==> flow/design.v <==
module gen_mem_rtl (sys_clk, i_rst_n, i_wr_en, i_wa, i_d, i_rd_addr, o_dout);
    parameter ENTRIES = 48;
    parameter WD = 2;
    parameter NR = 1;
    parameter NUM_WR = 2;
    localparam AW = $clog2(ENTRIES);
    input sys_clk;
    input i_rst_n;
    input [NUM_WR-1:0] i_wr_en;
    input [NUM_WR*AW-1:0] i_wa;
    input [NUM_WR*WD-1:0] i_d;
    input [NR*AW-1:0] i_rd_addr;
    output [NR*WD-1:0] o_dout;
    reg [NUM_WR-1:0] r_wr_en;
    reg [NUM_WR*AW-1:0] r_wa;
    reg [NUM_WR*WD-1:0] r_d;
    always @(posedge sys_clk or negedge i_rst_n) begin
        if (!i_rst_n) begin
            r_wr_en <= 0;
            r_wa <= 0;
            r_d <= 0;
        end else begin
            r_wr_en <= i_wr_en;
            r_wa <= i_wa;
            r_d <= i_d;
        end
    end
    reg [WD-1:0] store [0:ENTRIES-1];
    integer i;
    always @(posedge sys_clk) begin
        for (i = 0; i < NUM_WR; i = i + 1)
            if (r_wr_en[i]) store[r_wa[i*AW +: AW]] <= r_d[i*WD +: WD];
    end
    reg [NR*AW-1:0] r_rd_addr;
    always @(posedge sys_clk or negedge i_rst_n) begin
        if (!i_rst_n) begin
            r_rd_addr <= 0;
        end else begin
            r_rd_addr <= i_rd_addr;
        end
    end
    wire [NR*WD-1:0] cur;
    genvar m;
    generate
        for (m = 0; m < NR; m = m + 1) begin : gen
            assign cur[m*WD +: WD] = store[r_rd_addr[m*AW +: AW]];
        end
    endgenerate
    assign o_dout = cur;
endmodule
Appendix: tool output

* Tool chain data of gen_mem_rtl
Tool output for the members of one design family, told apart by "WD", in the order of the flow.
The RTL above is that of WD = 2; lines are counted from 1 in the file of the member named.
Operators: Yosys type, input widths -> output width; for muxes data width and select width s.
Cell names lack the library's common part.
Not given: n/a
- Top module :: gen_mem_rtl
- Clock :: sys_clk
- Cell library :: sky130hd
- Timing corner :: tt_025C_1v80

* Source of the members
Lines of each other member's file that are new or changed against the file above; lines that a member lacks are not shown.
** New or changed lines
- WD 4 :: RTL line 3 : parameter WD = 4;
- WD 16 :: RTL line 3 : parameter WD = 16;
- WD 32 :: RTL line 3 : parameter WD = 32;

* Elaborated design
Source: Yosys, flattened and elaborated, memories not mapped. Widths are those after wreduce; folded enables and synchronous resets count as part of the registers. Registers that Yosys merges into a memory's read port (data or address) are not register bits. Print and check cells do not count. Equal cells are merged and count once.
Memory sizes are those after Yosys's memory passes, which may raise the word count (mostly to a power of two), join words into wider ones and drop unused or constant bits.
** Storage and ports
- WD 2 :: flip-flop bits (word level) 24, memory cells 1, cells after elaboration 11, bits in writable memories 96
- WD 4 :: flip-flop bits (word level) 28, memory cells 1, cells after elaboration 11, bits in writable memories 192
- WD 16 :: flip-flop bits (word level) 52, memory cells 1, cells after elaboration 11, bits in writable memories 768
- WD 32 :: flip-flop bits (word level) 84, memory cells 1, cells after elaboration 11, bits in writable memories 1536
** Operators by class (muxes and demuxes)
- WD 2 :: 6
- WD 4 :: 6
- WD 16 :: 6
- WD 32 :: 6
** Memories (words x width with read and write ports)
- WD 2 :: store 48 x 2 bit 1R2W
- WD 4 :: store 48 x 4 bit 1R2W
- WD 16 :: store 48 x 16 bit 1R2W
- WD 32 :: store 48 x 32 bit 1R2W
** Operators with widths (kinds with counts)
- WD 2 :: $mux 6 (2); $mux 2 (2); $mux 1 (2)
- WD 4 :: $mux 6 (2); $mux 4 (2); $mux 1 (2)
- WD 16 :: $mux 16 (2); $mux 6 (2); $mux 1 (2)
- WD 32 :: $mux 32 (2); $mux 6 (2); $mux 1 (2)

* Logic depth
Yosys ltp: most cells in a row. Word level: on the elaborated netlist, between registers, memories and ports. Mapped: between sequential cells and ports; inverters and the memories' decode and read muxes count.
** Logic depth
- WD 2 :: word-level depth 1, ABC_AREA 0, gate-level depth with buffers 7, mapped depth without buffers 5
- WD 4 :: word-level depth 1, ABC_AREA 0, gate-level depth with buffers 8, mapped depth without buffers 5
- WD 16 :: word-level depth 1, ABC_AREA 0, gate-level depth with buffers 9, mapped depth without buffers 5
- WD 32 :: word-level depth 1, ABC_AREA 0, gate-level depth with buffers 9, mapped depth without buffers 5

* Mapped cells and area
The flow's flattened synthesis, as Yosys stat reports it; memories are mapped. The netlist is that of the ABC_AREA named above (0 if unset); the other value can give another one.
The area totals of this step are shown rounded.
** Mapped netlist
- WD 2 :: mapped cells 480, mapped flip-flops 120, synthesis area 6290 µm², buffers 43
- WD 4 :: mapped cells 777, mapped flip-flops 220, synthesis area 11300 µm², buffers 74
- WD 16 :: mapped cells 2598, mapped flip-flops 820, synthesis area 41400 µm², buffers 311
- WD 32 :: mapped cells 5051, mapped flip-flops 1620, synthesis area 80900 µm², buffers 652
** Cell types (type and count)
- WD 2 :: edfxtp_1 (96); mux2_2 (96); dfrtp_1 (24); mux2i_1 (32); mux4_2 (10); o22ai_1 (26); clkbuf_1 (35); nand2_1 (35); o21ai_0 (24); nor2_1 (29); a221oi_1 (6); a22o_1 (6); nand2b_1 (6); nand4b_1 (4); or3b_2 (4); nor2b_1 (5); a22oi_1 (4); buf_4 (4); (+34)
- WD 4 :: edfxtp_1 (192); mux2_2 (188); dfrtp_1 (28); mux2i_1 (64); mux4_2 (14); clkbuf_1 (58); o22ai_1 (28); mux4_1 (6); nand2_1 (38); a22oi_1 (16); o21ai_0 (24); nor2_1 (30); a221oi_1 (8); a22o_1 (8); buf_6 (6); o41ai_2 (4); mux2_1 (4); a21oi_1 (8); (+53)
- WD 16 :: edfxtp_1 (768); mux2_2 (762); mux2i_1 (256); mux4_2 (80); dfrtp_1 (52); clkbuf_1 (186); a22oi_1 (64); buf_2 (71); a221oi_1 (32); a22o_1 (32); o41ai_2 (16); o22ai_1 (40); buf_6 (21); a21oi_1 (32); nor2_2 (22); buf_4 (17); nand2_1 (32); o21ai_0 (24); (+91)
- WD 32 :: edfxtp_1 (1536); mux2_2 (1486); mux2i_1 (512); mux4_2 (160); dfrtp_1 (84); clkbuf_1 (433); a22oi_1 (128); buf_2 (124); mux2_1 (50); a221oi_1 (64); a22o_1 (64); o22ai_1 (56); buf_4 (45); a21oi_1 (64); o41ai_1 (32); nand2_1 (66); buf_1 (45); o21ai_0 (24); (+78)
The mark (+n) counts cells that are not listed.

* Worst setup path after synthesis
OpenSTA on the mapped netlist: ideal clock, no wires. The path of least setup slack (recovery checks aside). Input and output delay are each 20% of the period. Register names are those of the netlist, which keeps one name where synthesis merged equal registers.
** Timing post-synthesis
- WD 2 :: path type flip-flop to output port, start point reg r_rd_addr[1], end point out o_dout[1], path delay 1.851 ns, driving pins on the path 8, slack 0.461 ns, clock period 2.89 ns, period reached after synthesis 2.429 ns
- WD 4 :: path type flip-flop to output port, start point reg r_rd_addr[1], end point out o_dout[0], path delay 1.797 ns, driving pins on the path 7, slack 0.451 ns, clock period 2.81 ns, period reached after synthesis 2.359 ns
- WD 16 :: path type flip-flop to flip-flop, start point reg r_wa[3], end point mem store[20][0], path delay 2.631 ns, driving pins on the path 4, slack 0.659 ns, clock period 3.29 ns, period reached after synthesis 2.631 ns
- WD 32 :: path type flip-flop to flip-flop, start point reg r_wa[3], end point mem store[20][0], path delay 3.796 ns, driving pins on the path 4, slack 0.954 ns, clock period 4.75 ns, period reached after synthesis 3.796 ns
"path delay" = arrival - input delay + setup time.
At an output port there is no setup time.
"driving pins on the path" counts driving pins, that of a launching flip-flop among them; a cell with two outputs on the path counts twice.
"period reached after synthesis" is the clock period less the worst setup slack; recovery checks do not enter. This is arithmetic on one report: input and output delays are still those of the set period (20% each).
The rows between start and end are the longest chain of elaborated cells between them; the timing report does not say that the signal goes this way. Where chains are equally long, one stands for them.
A line is the first line of the expression or statement that the cell stems from. Yosys adds cells for indexed reads and writes and turns some case tables into memories.
A memory read counts as a cell of the chain, while the word-level depth stops at memories.
Between the ends, post-synthesis, WD = 2:
- Cells in the longest elaborated chain :: 1
** RTL lines, path post-synthesis, WD = 2
- start: declaration :: RTL line 34 : reg [NR*AW-1:0] r_rd_addr;
- start: assignment :: RTL line 37 : r_rd_addr <= 0;
- start: assignment :: RTL line 39 : r_rd_addr <= i_rd_addr;
- $mem_v2 48x2 :: RTL line 28 : reg [WD-1:0] store [0:ENTRIES-1];
- end: declaration :: RTL line 13 : output [NR*WD-1:0] o_dout;
Between the ends, post-synthesis, WD = 32:
- Cells in the longest elaborated chain :: 1
** RTL lines, path post-synthesis, WD = 32
- start: declaration :: RTL line 15 : reg [NUM_WR*AW-1:0] r_wa;
- start: assignment :: RTL line 20 : r_wa <= 0;
- start: assignment :: RTL line 24 : r_wa <= i_wa;
- $mux 6 :: RTL line 32 : if (r_wr_en[i]) store[r_wa[i*AW +: AW]] <= r_d[i*WD +: WD];
- end: declaration :: RTL line 28 : reg [WD-1:0] store [0:ENTRIES-1];

* Path in the finished layout
From the final timing report of the run of each member: the path of least setup slack in the routed layout; clock arrival at registers is part of the times.
** Timing after layout
- WD 2 :: path type flip-flop to output port, start point reg r_rd_addr[0], end point out o_dout[1], arrival 2.41 ns, driving pins on the path 8, clock period 2.89 ns, slack -0.10 ns
- WD 4 :: path type flip-flop to output port, start point reg r_rd_addr[0], end point out o_dout[2], arrival 2.69 ns, driving pins on the path 8, clock period 2.81 ns, slack -0.44 ns
- WD 16 :: path type flip-flop to output port, start point reg r_rd_addr[0], end point out o_dout[8], arrival 3.30 ns, driving pins on the path 11, clock period 3.29 ns, slack -0.66 ns
- WD 32 :: path type flip-flop to output port, start point reg r_rd_addr[0], end point out o_dout[17], arrival 3.92 ns, driving pins on the path 9, clock period 4.75 ns, slack -0.12 ns

* Layout results
One run of the flow (Yosys, OpenROAD) for each member, with settings and measured results. Input and output delays are each 20% of the period that was set; the output load is 0.01 pF.
- CAP_MARGIN :: 20
- CORE_MARGIN :: 2
- CORE_UTILIZATION :: 40
- SLEW_MARGIN :: 20
** Settings that differ (period_ns)
- WD 2 :: 2.89
- WD 4 :: 2.81
- WD 16 :: 3.29
- WD 32 :: 4.75
** Final reports
- WD 2 :: chip area in the Yosys report 6290 µm², setup slack of the worst path -0.099 ns, standard-cell area after routing 7550 µm², total power after layout 4.58 mW, final setup TNS -0.163 ns, utilization after routing 49.3%, period achieved 2.989 ns, die footprint 16700 µm²
- WD 4 :: chip area in the Yosys report 11300 µm², setup slack of the worst path -0.444 ns, standard-cell area after routing 13000 µm², total power after layout 7.51 mW, final setup TNS -1.72 ns, utilization after routing 46.8%, period achieved 3.254 ns, die footprint 29600 µm²
- WD 16 :: chip area in the Yosys report 41400 µm², setup slack of the worst path -0.663 ns, standard-cell area after routing 48700 µm², total power after layout 24.0 mW, final setup TNS -9.37 ns, utilization after routing 47.2%, period achieved 3.953 ns, die footprint 106000 µm²
- WD 32 :: chip area in the Yosys report 80900 µm², setup slack of the worst path -0.125 ns, standard-cell area after routing 93000 µm², total power after layout 32.3 mW, final setup TNS -1.14 ns, utilization after routing 46.2%, period achieved 4.875 ns, die footprint 206000 µm²
"period achieved" means the clock period less the worst setup slack. The figure is calculated, with input and output delays left at 20% of the set period.
"total power after layout" rests on the timing tool's default activity at the inputs, not on a simulated workload.
Results are given in rounded form.
